==> flow/design.v <==
module my_multiplier #(
    parameter integer DWIDTH = 10
) (
    input  wire clk,
    input  wire RST,
    input  wire [DWIDTH-1:0] arg0,
    input  wire [DWIDTH-1:0] arg1,
    output reg [2*DWIDTH-1:0] p
);
    reg [2*DWIDTH-1:0] nxt;
    integer n;
    always @(*) begin
        nxt = 0;
        for (n = 0; n < DWIDTH; n = n + 1)
            if (arg1[n]) nxt = nxt + (arg0 << n);
    end
    always @(posedge clk or posedge RST) begin
        if (RST) begin
            p <= 0;
        end else begin
            p <= nxt;
        end
    end
endmodule
**From RTL to reports: my_multiplier**

What the tools print for my_multiplier, step after step.
Line numbers count from 1 in the design file above.
Cell names lack the library's common part.
A cell with -- has no value.

- Design top: my_multiplier
- Clock input: clk
- Cell library: sky130hd
- Timing corner: tt_025C_1v80

**Word-level counts**

Yosys after proc, flatten, opt, wreduce and memory -nomap, before mapping. Enables and synchronous resets that opt folds into registers are not counted as muxes. Memory bits, and registers merged into a memory's read port (data or address), are not among the register bits. Print and check cells are not counted. Equal cells are merged and count once.

- Word width x clocked read ports: 0
- Memory bits (read-only): 0
- Input port bits: 22
- Memories: 0
- Bits in registers: 20
- Bits in writable memories: 0
- Latch bits: 0
- Word-level cells: 20
- Output and inout bits: 20

- Reduce/logical cells: 0
- Magnitude comparators: 0
- Multiply operators: 0
- Shifts and indexed selects: 0
- $add $sub $neg: 9
- Multiplexer cells: 10
- Div/mod/pow operators: 0
- Eq/ne operators: 0
- Bitwise logic cells: 0

Operator list:

| cell | number |
|---|---|
| two-way mux 20 bit | 9 |
| adder 20 x 11 -> 20 bit | 1 |
| adder 20 x 12 -> 20 bit | 1 |
| adder 20 x 13 -> 20 bit | 1 |
| adder 20 x 14 -> 20 bit | 1 |
| adder 20 x 15 -> 20 bit | 1 |
| adder 20 x 16 -> 20 bit | 1 |
| adder 20 x 17 -> 20 bit | 1 |
| adder 20 x 18 -> 20 bit | 1 |
| adder 20 x 19 -> 20 bit | 1 |
| two-way mux 10 bit | 1 |

**Depth**

Longest topological path by Yosys (ltp), each cell counted once; first at word level (registers and memories cut), then after technology mapping (sequential cells cut; the memories' decode and read muxes count).

- Depth in word-level cells: 19
- ABC_AREA: 1
- Gate-level depth with buffers: 79
- Depth with buffers taken out: 78

**Mapped cells and area**

Yosys stat after the flow's synthesis: flattened, memories mapped to cells. It holds for the ABC_AREA given above (unset counts as 0); a run with the other value may have another netlist.
The area totals of this step are shown rounded.

- Standard cells after synthesis: 902
- Mapped flip-flops: 20
- Buffer cells: 17
- Sequential part of the area: 500 um^2
- Mapped area: 5600 um^2

Cells by type:

| cell | number | total area (um^2) |
|---|---|---|
| ha_1 | 89 | 1.11E+03 |
| nand2_1 | 250 | 938.4 |
| inv_1 | 136 | 510.49 |
| dfrtp_1 | 20 | 500.48 |
| nand3_1 | 91 | 455.437 |
| a21oi_1 | 57 | 285.274 |
| xor2_1 | 23 | 201.443 |
| fa_1 | 9 | 180.173 |
| o21ai_1 | 27 | 135.13 |
| nor2_1 | 35 | 131.376 |
| nand3_2 | 13 | 130.125 |
| o21ai_0 | 25 | 125.12 |
| and2_1 | 17 | 106.352 |
| o21ai_2 | 12 | 105.101 |
| xnor2_1 | 11 | 96.342 |
| nand2_2 | 10 | 62.56 |
| o21bai_1 | 7 | 52.55 |
| buf_2 | 9 | 45.043 |

Not listed: further types 25, cells in them 61.

**Timing after synthesis**

Path of least setup slack by OpenSTA after synthesis, without wires, with an ideal clock, recovery checks aside; 20% of the period is set as input and as output delay. Where synthesis merged equal registers, the netlist keeps one of their names.

- Path type: input-to-reg
- Start: input port arg1[0]
- End: register p[18]
- Data required time: 16868 ps
- Library setup time: 132 ps
- Period: 17000 ps
- Path slack: 4356 ps
- External input delay: 3400 ps
- Buffers on the path: 1
- Path delay: 9244 ps
- Launch time at the first pin: 3400 ps
- Arrival: 12512 ps
- Stages on the path: 67
- Synthesis period reached: 12644 ps

"path delay" is the arrival time less input delay plus setup time.
"stages on the path": output pins that drive a net of the path, with the launching flip-flop's if there is one; two outputs of one cell count as two.
"synthesis period reached" is the clock period less the worst setup slack; recovery checks do not enter. This is arithmetic on one report: input and output delays are still those of the set period (20% each).
The rows between start and end are the longest chain of elaborated cells between them; the timing report does not say that the signal goes this way. Where chains are equally long, one stands for them.
Each line given opens the expression or statement behind the cell; cells for indexed reads and writes are added by Yosys, which also makes memories of some case tables.

- Cell sequence: buf_6 nand2_1 inv_1 ha_1 fa_1 nand2_1 o21ai_0 ha_1 fa_1 nand2_1 nand2_1 ha_1 inv_1 fa_1 o21ai_1 xor2_1 or2_2 and2_1 (+31 left out) a21oi_1 inv_1 a31oi_1 nand2_1 inv_1 o21ai_0 and2_1 ha_1 a21oi_1 o21ai_1 nand2_1 nand2_1 a21oi_1 nor2_1 o21ai_1 nand2_1 xor2_1 o21ai_1
- Cells in the longest elaborated chain: 19
- Elaborated cells between the ends (all ways): 19
- Source lines of those cells: 1
- Classes of those cells: add/sub: 9; mux: 10

Ends and longest elaborated chain, post-synthesis:

| item | line | RTL |
|---|---|---|
| start, declared | 7 | `input  wire [DWIDTH-1:0] arg1,` |
| two-way mux 10 bit | 15 | `if (arg1[n]) nxt = nxt + (arg0 << n);` |
| adder 20 x 11 -> 20 bit | 15 |  |
| two-way mux 20 bit | 15 |  |
| adder 20 x 12 -> 20 bit | 15 |  |
| two-way mux 20 bit | 15 |  |
| adder 20 x 13 -> 20 bit | 15 |  |
| two-way mux 20 bit | 15 |  |
| (+5 left out) | -- |  |
| two-way mux 20 bit | 15 |  |
| adder 20 x 17 -> 20 bit | 15 |  |
| two-way mux 20 bit | 15 |  |
| adder 20 x 18 -> 20 bit | 15 |  |
| two-way mux 20 bit | 15 |  |
| adder 20 x 19 -> 20 bit | 15 |  |
| two-way mux 20 bit | 15 |  |
| end, assigned | 19 | `p <= 0;` |
| end, assigned | 21 | `p <= nxt;` |
| end, declared | 8 | `output reg [2*DWIDTH-1:0] p` |

**Timing after layout**

Path of least setup slack in the final report of entry A (OpenROAD, finished layout, wires in). Where an end is a register, its clock arrival counts in the times.
The path's times are printed in steps of 10 ps; the period is the one set.

- Path type: input-to-reg
- Start: input port arg1[0]
- End: register p[19]
- Launch time at the first pin: 2280 ps
- Stages on the path: 74
- Data required time: 11550 ps
- Library setup time: 100 ps
- Arrival: 12250 ps
- Buffers on the path: 4
- Period: 11400 ps
- External input delay: 2280 ps
- Path slack: -700 ps

The rows between start and end are the longest chain of elaborated cells between them; the timing report does not say that the signal goes this way. Where chains are equally long, one stands for them.

- Cell sequence: buf_8 buf_6 nand2_4 inv_4 ha_4 fa_2 nand3_2 nand3_2 nand2_2 buf_6 xor2_2 o21ai_2 ha_4 nand2_2 nor2_2 nand2_1 nand3_2 xor2_1 (+38 left out) nand2_2 ha_4 xnor2_2 o21ai_2 ha_4 xnor2_1 o21ai_1 ha_1 nand2_1 inv_2 nor2_2 nor2_1 nor2_1 inv_1 nand2_1 a21oi_1 o21ai_1 inv_1
- Cells in the longest elaborated chain: 19
- Elaborated cells between the ends (all ways): 19
- Source lines of those cells: 1
- Classes of those cells: add/sub: 9; mux: 10

Ends and longest elaborated chain, post-layout:

| item | line | RTL |
|---|---|---|
| start, declared | 7 | `input  wire [DWIDTH-1:0] arg1,` |
| two-way mux 10 bit | 15 | `if (arg1[n]) nxt = nxt + (arg0 << n);` |
| adder 20 x 11 -> 20 bit | 15 |  |
| two-way mux 20 bit | 15 |  |
| adder 20 x 12 -> 20 bit | 15 |  |
| two-way mux 20 bit | 15 |  |
| adder 20 x 13 -> 20 bit | 15 |  |
| two-way mux 20 bit | 15 |  |
| (+5 left out) | -- |  |
| two-way mux 20 bit | 15 |  |
| adder 20 x 17 -> 20 bit | 15 |  |
| two-way mux 20 bit | 15 |  |
| adder 20 x 18 -> 20 bit | 15 |  |
| two-way mux 20 bit | 15 |  |
| adder 20 x 19 -> 20 bit | 15 |  |
| two-way mux 20 bit | 15 |  |
| end, assigned | 19 | `p <= 0;` |
| end, assigned | 21 | `p <= nxt;` |
| end, declared | 8 | `output reg [2*DWIDTH-1:0] p` |

==> runs of my_multiplier <==
Measured data: module my_multiplier, platform sky130hd, 3 stored runs of the flow under differing settings, order arbitrary. Input and output delays are each 20% of the period that was set; the output load is 0.01 pF.
Measured values are rounded.

### Entry A

==> flow/run.sh <==
#!/bin/bash
# the make line also repeats the synthesis and layout settings of config.mk as NAME=value (left out here)
make -C /OpenROAD-flow-scripts/flow DESIGN_CONFIG=/design/flow/config.mk WORK_HOME=/design/flow/orfs CLKGATE_MAP_FILE= finish
==> flow/config.mk <==
export PLATFORM = sky130hd
export DESIGN_NAME = my_multiplier
export DESIGN_NICKNAME = my_multiplier
export VERILOG_FILES = /design/flow/design.v
export SDC_FILE = /design/flow/constraint.sdc
export NUM_CORES = 4
export LEC_CHECK = 0
export ABC_AREA = 1
export CAP_MARGIN = 0
export CORE_MARGIN = 2
export CORE_UTILIZATION = 52
export CTS_CLUSTER_SIZE = 89
export GPL_ROUTABILITY_DRIVEN = 0
export GPL_TIMING_DRIVEN = 0
export MAX_ROUTING_LAYER = met4
export MIN_ROUTING_LAYER = met1
export PLACE_DENSITY_LB_ADDON = 0.26
export SLEW_MARGIN = 20
==> flow/constraint.sdc <==
create_clock -name core_clock -period 11.4 [get_ports {clk}]
set_input_delay 2.2800 -clock core_clock [delete_from_list [all_inputs] [get_ports {clk}]]
set_output_delay 2.2800 -clock core_clock [all_outputs]
set_load 0.01 [all_outputs]

Results of entry A:
- Worst setup slack after layout: -700 ps
- Setup total negative slack: -2600 ps
- Mapped cell area after synthesis: 5600 um^2
- Die footprint: 12000 um^2
- Area of the standard cells in the finished layout: 8300 um^2

### Entry B

==> flow/run.sh <==
#!/bin/bash
# the make line also repeats the synthesis and layout settings of config.mk as NAME=value (left out here)
make -C /OpenROAD-flow-scripts/flow DESIGN_CONFIG=/design/flow/config.mk WORK_HOME=/design/flow/orfs CLKGATE_MAP_FILE= finish
==> flow/config.mk <==
export PLATFORM = sky130hd
export DESIGN_NAME = my_multiplier
export DESIGN_NICKNAME = my_multiplier
export VERILOG_FILES = /design/flow/design.v
export SDC_FILE = /design/flow/constraint.sdc
export NUM_CORES = 4
export LEC_CHECK = 0
export ABC_AREA = 1
export CAP_MARGIN = 0
export CELL_PAD_IN_SITES_GLOBAL_PLACEMENT = 3
export CORE_MARGIN = 6
export CORE_UTILIZATION = 27
export CTS_CLUSTER_SIZE = 38
export GPL_ROUTABILITY_DRIVEN = 0
export GPL_TIMING_DRIVEN = 1
export MAX_ROUTING_LAYER = met5
export MIN_ROUTING_LAYER = met1
export PLACE_DENSITY_LB_ADDON = 0.09
export SETUP_SLACK_MARGIN = -0.95
export SLEW_MARGIN = 25
==> flow/constraint.sdc <==
create_clock -name core_clock -period 19.4 [get_ports {clk}]
set_input_delay 3.8800 -clock core_clock [delete_from_list [all_inputs] [get_ports {clk}]]
set_output_delay 3.8800 -clock core_clock [all_outputs]
set_load 0.01 [all_outputs]

Results of entry B:
- Worst setup slack after layout: 4200 ps
- Setup total negative slack: 0 ps
- Mapped cell area after synthesis: 5600 um^2
- Die footprint: 24000 um^2
- Area of the standard cells in the finished layout: 6400 um^2

### Entry C

==> flow/run.sh <==
#!/bin/bash
# the make line also repeats the synthesis and layout settings of config.mk as NAME=value (left out here)
make -C /OpenROAD-flow-scripts/flow DESIGN_CONFIG=/design/flow/config.mk WORK_HOME=/design/flow/orfs CLKGATE_MAP_FILE= finish
==> flow/config.mk <==
export PLATFORM = sky130hd
export DESIGN_NAME = my_multiplier
export DESIGN_NICKNAME = my_multiplier
export VERILOG_FILES = /design/flow/design.v
export SDC_FILE = /design/flow/constraint.sdc
export NUM_CORES = 4
export LEC_CHECK = 0
export CAP_MARGIN = 20
export CORE_MARGIN = 2
export CORE_UTILIZATION = 40
export SLEW_MARGIN = 20
==> flow/constraint.sdc <==
create_clock -name core_clock -period 17.0 [get_ports {clk}]
set_input_delay 3.4000 -clock core_clock [delete_from_list [all_inputs] [get_ports {clk}]]
set_output_delay 3.4000 -clock core_clock [all_outputs]
set_load 0.01 [all_outputs]

Results of entry C:
- Worst setup slack after layout: 950 ps
- Setup total negative slack: 0 ps
- Mapped cell area after synthesis: 5600 um^2
- Die footprint: 15000 um^2
- Area of the standard cells in the finished layout: 6400 um^2
